==> flow/design.v <==
module alu_summer_blk (ck, RST, i_a, i_b, i_cin, o_result, o_carry_out);
   parameter DW = 48;
   parameter BLK = 8;
   input ck;
   input RST;
   input [DW-1:0] i_a;
   input [DW-1:0] i_b;
   input i_cin;
   output [DW-1:0] o_result;
   output o_carry_out;
   localparam SLICES = DW / BLK;
   wire [DW-1:0] t;
   wire [SLICES:0] cy;
   assign cy[0] = i_cin;
   genvar ii;
   generate
      for (ii = 0; ii < SLICES; ii = ii + 1) begin : stage
         wire [BLK:0] s0 = i_a[ii*BLK +: BLK] + i_b[ii*BLK +: BLK];
         wire [BLK:0] s1 = i_a[ii*BLK +: BLK] + i_b[ii*BLK +: BLK] + 1'b1;
         assign {cy[ii+1], t[ii*BLK +: BLK]} = cy[ii] ? s1 : s0;
      end
   endgenerate
   reg [DW-1:0] result_r;
   always @(posedge ck) begin
      if (RST) begin
         result_r <= 0;
      end else begin
         result_r <= t;
      end
   end
   assign o_result = result_r;
   reg carry_out_r;
   always @(posedge ck) begin
      if (RST) begin
         carry_out_r <= 1'b0;
      end else begin
         carry_out_r <= cy[SLICES];
      end
   end
   assign o_carry_out = carry_out_r;
endmodule
Tool chain data of alu_summer_blk
Tool output for the design above, in the order of the flow.
Lines are those of the file above, counted from 1.
Operators carry their Yosys type and port widths (W data, S select, Z words).
Cell names lack the library's common part.
{"block": "inputs", "top_module": "alu_summer_blk", "clock": "ck", "lib": "sky130hd", "lib_corner": "tt_025C_1v80"}

Word level
Yosys after proc, flatten, opt, wreduce and memory -nomap, before mapping. Enables and synchronous resets that opt folds into registers are not counted as muxes. Memory bits, and registers merged into a memory's read port (data or address), are not among the register bits. Print and check cells are not counted. Equal cells are merged and count once.
{"block": "word_totals", "memories": 0, "mem_bits_ro": 0, "word_cells": 20, "clocked_rd_ports_x_width": 0, "ff_bits": 49, "latch_bits": 0, "ramBits": 0}
{"block": "op_classes", "bitwise": 0, "n_addsub": 12, "multipliers": 0, "n_reduce_logical": 0, "muxes": 6, "equal": 0, "cmp": 0, "shifts": 0, "n_div": 0}
{"block": "ops", "op": "$add A8 B8 Y9", "count": 6}
{"block": "ops", "op": "$add A9 B1 Y9 const B", "count": 6}
{"block": "ops", "op": "$mux W9", "count": 6}

Longest topological paths
Longest topological path by Yosys (ltp), each cell counted once; first at word level (registers and memories cut), then after technology mapping (sequential cells cut; the memories' decode and read muxes count).
{"block": "depth", "word_depth": 8, "abc_area": 1, "ltp_mapped": 21, "depth_no_buf": 21}

Netlist
The flow's flattened synthesis, as Yosys stat reports it; memories are mapped. The netlist is that of the ABC_AREA named above (0 if unset); the other value can give another one.
{"block": "synth_totals", "flip_flops": 49, "area_um2": 4690.7, "mapped_cells": 709}
{"block": "types", "cell_type": "dfxtp_1", "count": 49}
{"block": "types", "cell_type": "ha_1", "count": 54}
{"block": "types", "cell_type": "nand2_1", "count": 172}
{"block": "types", "cell_type": "inv_1", "count": 96}
{"block": "types", "cell_type": "nand3_1", "count": 62}
{"block": "types", "cell_type": "nor2_1", "count": 69}
{"block": "types", "cell_type": "a21oi_1", "count": 46}
{"block": "types", "cell_type": "xor2_1", "count": 19}
{"block": "types", "cell_type": "o21ai_0", "count": 31}
{"block": "types", "cell_type": "nand4_1", "count": 22}
{"block": "types", "cell_type": "fa_1", "count": 6}
{"block": "types", "cell_type": "nand2_4", "count": 7}
{"block": "types", "cell_type": "nand3_4", "count": 4}
{"block": "types", "cell_type": "xnor2_1", "count": 8}
{"block": "types", "cell_type": "nand3_2", "count": 6}
{"block": "types", "cell_type": "nand2_2", "count": 8}
{"block": "types", "cell_type": "nor3_1", "count": 9}
{"block": "types", "cell_type": "o21ai_1", "count": 6}
Other cell types: 23; their cells: 35.

Worst setup path after synthesis
Path of least setup slack by OpenSTA after synthesis, without wires, with an ideal clock, recovery checks aside; 20% of the period is set as input and as output delay. Where synthesis merged equal registers, the netlist keeps one of their names.
{"block": "synth_path", "path_kind": "input -> register", "from": "input i_a[0]", "to": "register result_r[28]", "path_delay_ns": 2.365, "clock_period_ns": 5.96, "path_stages": 18, "path_buffers": 0, "t_required_ns": 5.828, "path_slack_ns": 2.403, "launch_ns": 1.192, "arrival_time_ns": 3.425, "input_delay_ns": 1.192, "period_less_setup_slack_ns": 3.557}
"path_delay_ns" = arrival - input delay + setup time.
"path_stages": output pins that drive a net of the path, with the launching flip-flop's if there is one; two outputs of one cell count as two.
"period_less_setup_slack_ns" is the clock period less the worst setup slack; recovery checks do not enter. This is arithmetic on one report: input and output delays are still those of the set period (20% each).
The rows between start and end are the longest chain of elaborated cells between them; the timing report does not say that the signal goes this way. Where chains are equally long, one stands for them.
A line is the first line of the expression or statement that the cell stems from. Yosys adds cells for indexed reads and writes and turns some case tables into memories.
{"block": "synth_via", "path_cell_list": "ha_1 fa_1 ha_1 nand2_1 nor2_2 nand3_2 nor2_2 nand2_1 nand2_2 nand2_4 inv_4 nand2_4 nand3_4 nand2_4 inv_1 nand2_1 o21ai_0 a21oi_1", "elab_chain_len": 6, "cone_cells": 6}
{"block": "synth_lines", "element": "start, declared", "line": 6, "source": "input [DW-1:0] i_a;"}
{"block": "synth_lines", "element": "$add A8 B8 Y9", "line": 19, "source": "wire [BLK:0] s1 = i_a[ii*BLK +: BLK] + i_b[ii*BLK +: BLK] + 1'b1;"}
{"block": "synth_lines", "element": "$add A9 B1 Y9", "line": 19}
{"block": "synth_lines", "element": "$mux W9 (4 in a row)", "line": 20, "source": "assign {cy[ii+1], t[ii*BLK +: BLK]} = cy[ii] ? s1 : s0;"}
{"block": "synth_lines", "element": "end, assigned", "line": 26, "source": "result_r <= 0;"}
{"block": "synth_lines", "element": "end, assigned", "line": 28, "source": "result_r <= t;"}
{"block": "synth_lines", "element": "end, declared", "line": 23, "source": "reg [DW-1:0] result_r;"}

Path in the finished layout
Path of least setup slack in the final report of entry A (OpenROAD, finished layout, wires in). Where an end is a register, its clock arrival counts in the times.
{"block": "layout_path", "path_kind": "input -> register", "from": "input i_b[8]", "to": "register result_r[40]", "path_stages": 17, "clock_period_ns": 3.16, "input_delay_ns": 0.63, "path_slack_ns": 0.15, "path_buffers": 1, "launch_ns": 0.63, "arrival_time_ns": 3.22, "t_required_ns": 3.37}
The rows between start and end are the longest chain of elaborated cells between them; the timing report does not say that the signal goes this way. Where chains are equally long, one stands for them.
{"block": "layout_via", "path_cell_list": "clkdlybuf4s15_1 ha_2 fa_2 ha_4 nand3_2 nor2_2 nand2_1 nor2_2 nand3_2 nand2_2 nand3_4 nand2_8 nand2_8 nand3_4 nand3_2 nand2_1 nor2_1", "elab_chain_len": 7, "cone_cells": 7}
{"block": "layout_lines", "element": "start, declared", "line": 7, "source": "input [DW-1:0] i_b;"}
{"block": "layout_lines", "element": "$add A8 B8 Y9", "line": 19, "source": "wire [BLK:0] s1 = i_a[ii*BLK +: BLK] + i_b[ii*BLK +: BLK] + 1'b1;"}
{"block": "layout_lines", "element": "$add A9 B1 Y9", "line": 19}
{"block": "layout_lines", "element": "$mux W9 (5 in a row)", "line": 20, "source": "assign {cy[ii+1], t[ii*BLK +: BLK]} = cy[ii] ? s1 : s0;"}
{"block": "layout_lines", "element": "end, assigned", "line": 26, "source": "result_r <= 0;"}
{"block": "layout_lines", "element": "end, assigned", "line": 28, "source": "result_r <= t;"}
{"block": "layout_lines", "element": "end, declared", "line": 23, "source": "reg [DW-1:0] result_r;"}

==> results <==
Below are 3 stored runs of the flow (Yosys, OpenROAD; platform sky130hd) on alu_summer_blk, each with its settings and what was measured, unordered. Constraints: input delay and output delay 20% of the set period each, output load 0.01 pF.
"achievedPeriod_ns": clock period set for the run, less the worst setup slack. It is reckoned from that one timing run; input and output delays stay at 20% of the period that was set.
"worst_setup_path_time_ns" is the time allowed to the run's worst setup path (the clock period less input and output delay, where it has them) less its slack. Clock arrival times count: a late capture clock shortens it, a late launch clock lengthens it.
"totalPower_uw": no workload was simulated; the value follows from the tool's default switching activity.

{"run": "entry A", "settings": { "period_ns": 3.16, "CORE_UTILIZATION": 45, "SETUP_SLACK_MARGIN": 0.84, "PLACE_DENSITY_LB_ADDON": 0.15, "CORE_MARGIN": 6, "ABC_AREA": 1, "CAP_MARGIN": 20, "SLEW_MARGIN": 10 }, "results": { "synth_chip_area_um2": 4690.7, "design_die_area_um2": 13017.7, "finalUtil_pct": 80.7, "worstSetupSlack_ns": 0.150, "final_setup_tns_ns": 0.000, "totalPower_uw": 3113, "achievedPeriod_ns": 3.010, "worst_setup_path_time_ns": 2.38, "critical_path_type": "input -> register" }}
{"run": "entry B", "settings": { "period_ns": 8.31, "CORE_UTILIZATION": 23, "PLACE_DENSITY_LB_ADDON": 0.16, "HOLD_SLACK_MARGIN": -0.0, "CELL_PAD_IN_SITES_DETAIL_PLACEMENT": 2, "ABC_AREA": 0, "GPL_TIMING_DRIVEN": 0, "CTS_CLUSTER_SIZE": 32, "CAP_MARGIN": 40, "SLEW_MARGIN": 35, "MAX_ROUTING_LAYER": "met4", "CORE_MARGIN": 2 }, "results": { "synth_chip_area_um2": 4257.8, "design_die_area_um2": 19616.8, "finalUtil_pct": 34.0, "worstSetupSlack_ns": 2.222, "final_setup_tns_ns": 0.000, "totalPower_uw": 908.9, "achievedPeriod_ns": 6.088, "worst_setup_path_time_ns": 4.43, "critical_path_type": "input -> register" }}
{"run": "entry C", "settings": { "period_ns": 5.96, "CAP_MARGIN": 20, "CORE_MARGIN": 2, "CORE_UTILIZATION": 40, "SLEW_MARGIN": 20 }, "results": { "synth_chip_area_um2": 4257.8, "design_die_area_um2": 11485.4, "finalUtil_pct": 58.0, "worstSetupSlack_ns": 0.548, "final_setup_tns_ns": 0.000, "totalPower_uw": 1197, "achievedPeriod_ns": 5.412, "worst_setup_path_time_ns": 4.22, "critical_path_type": "input -> register" }}
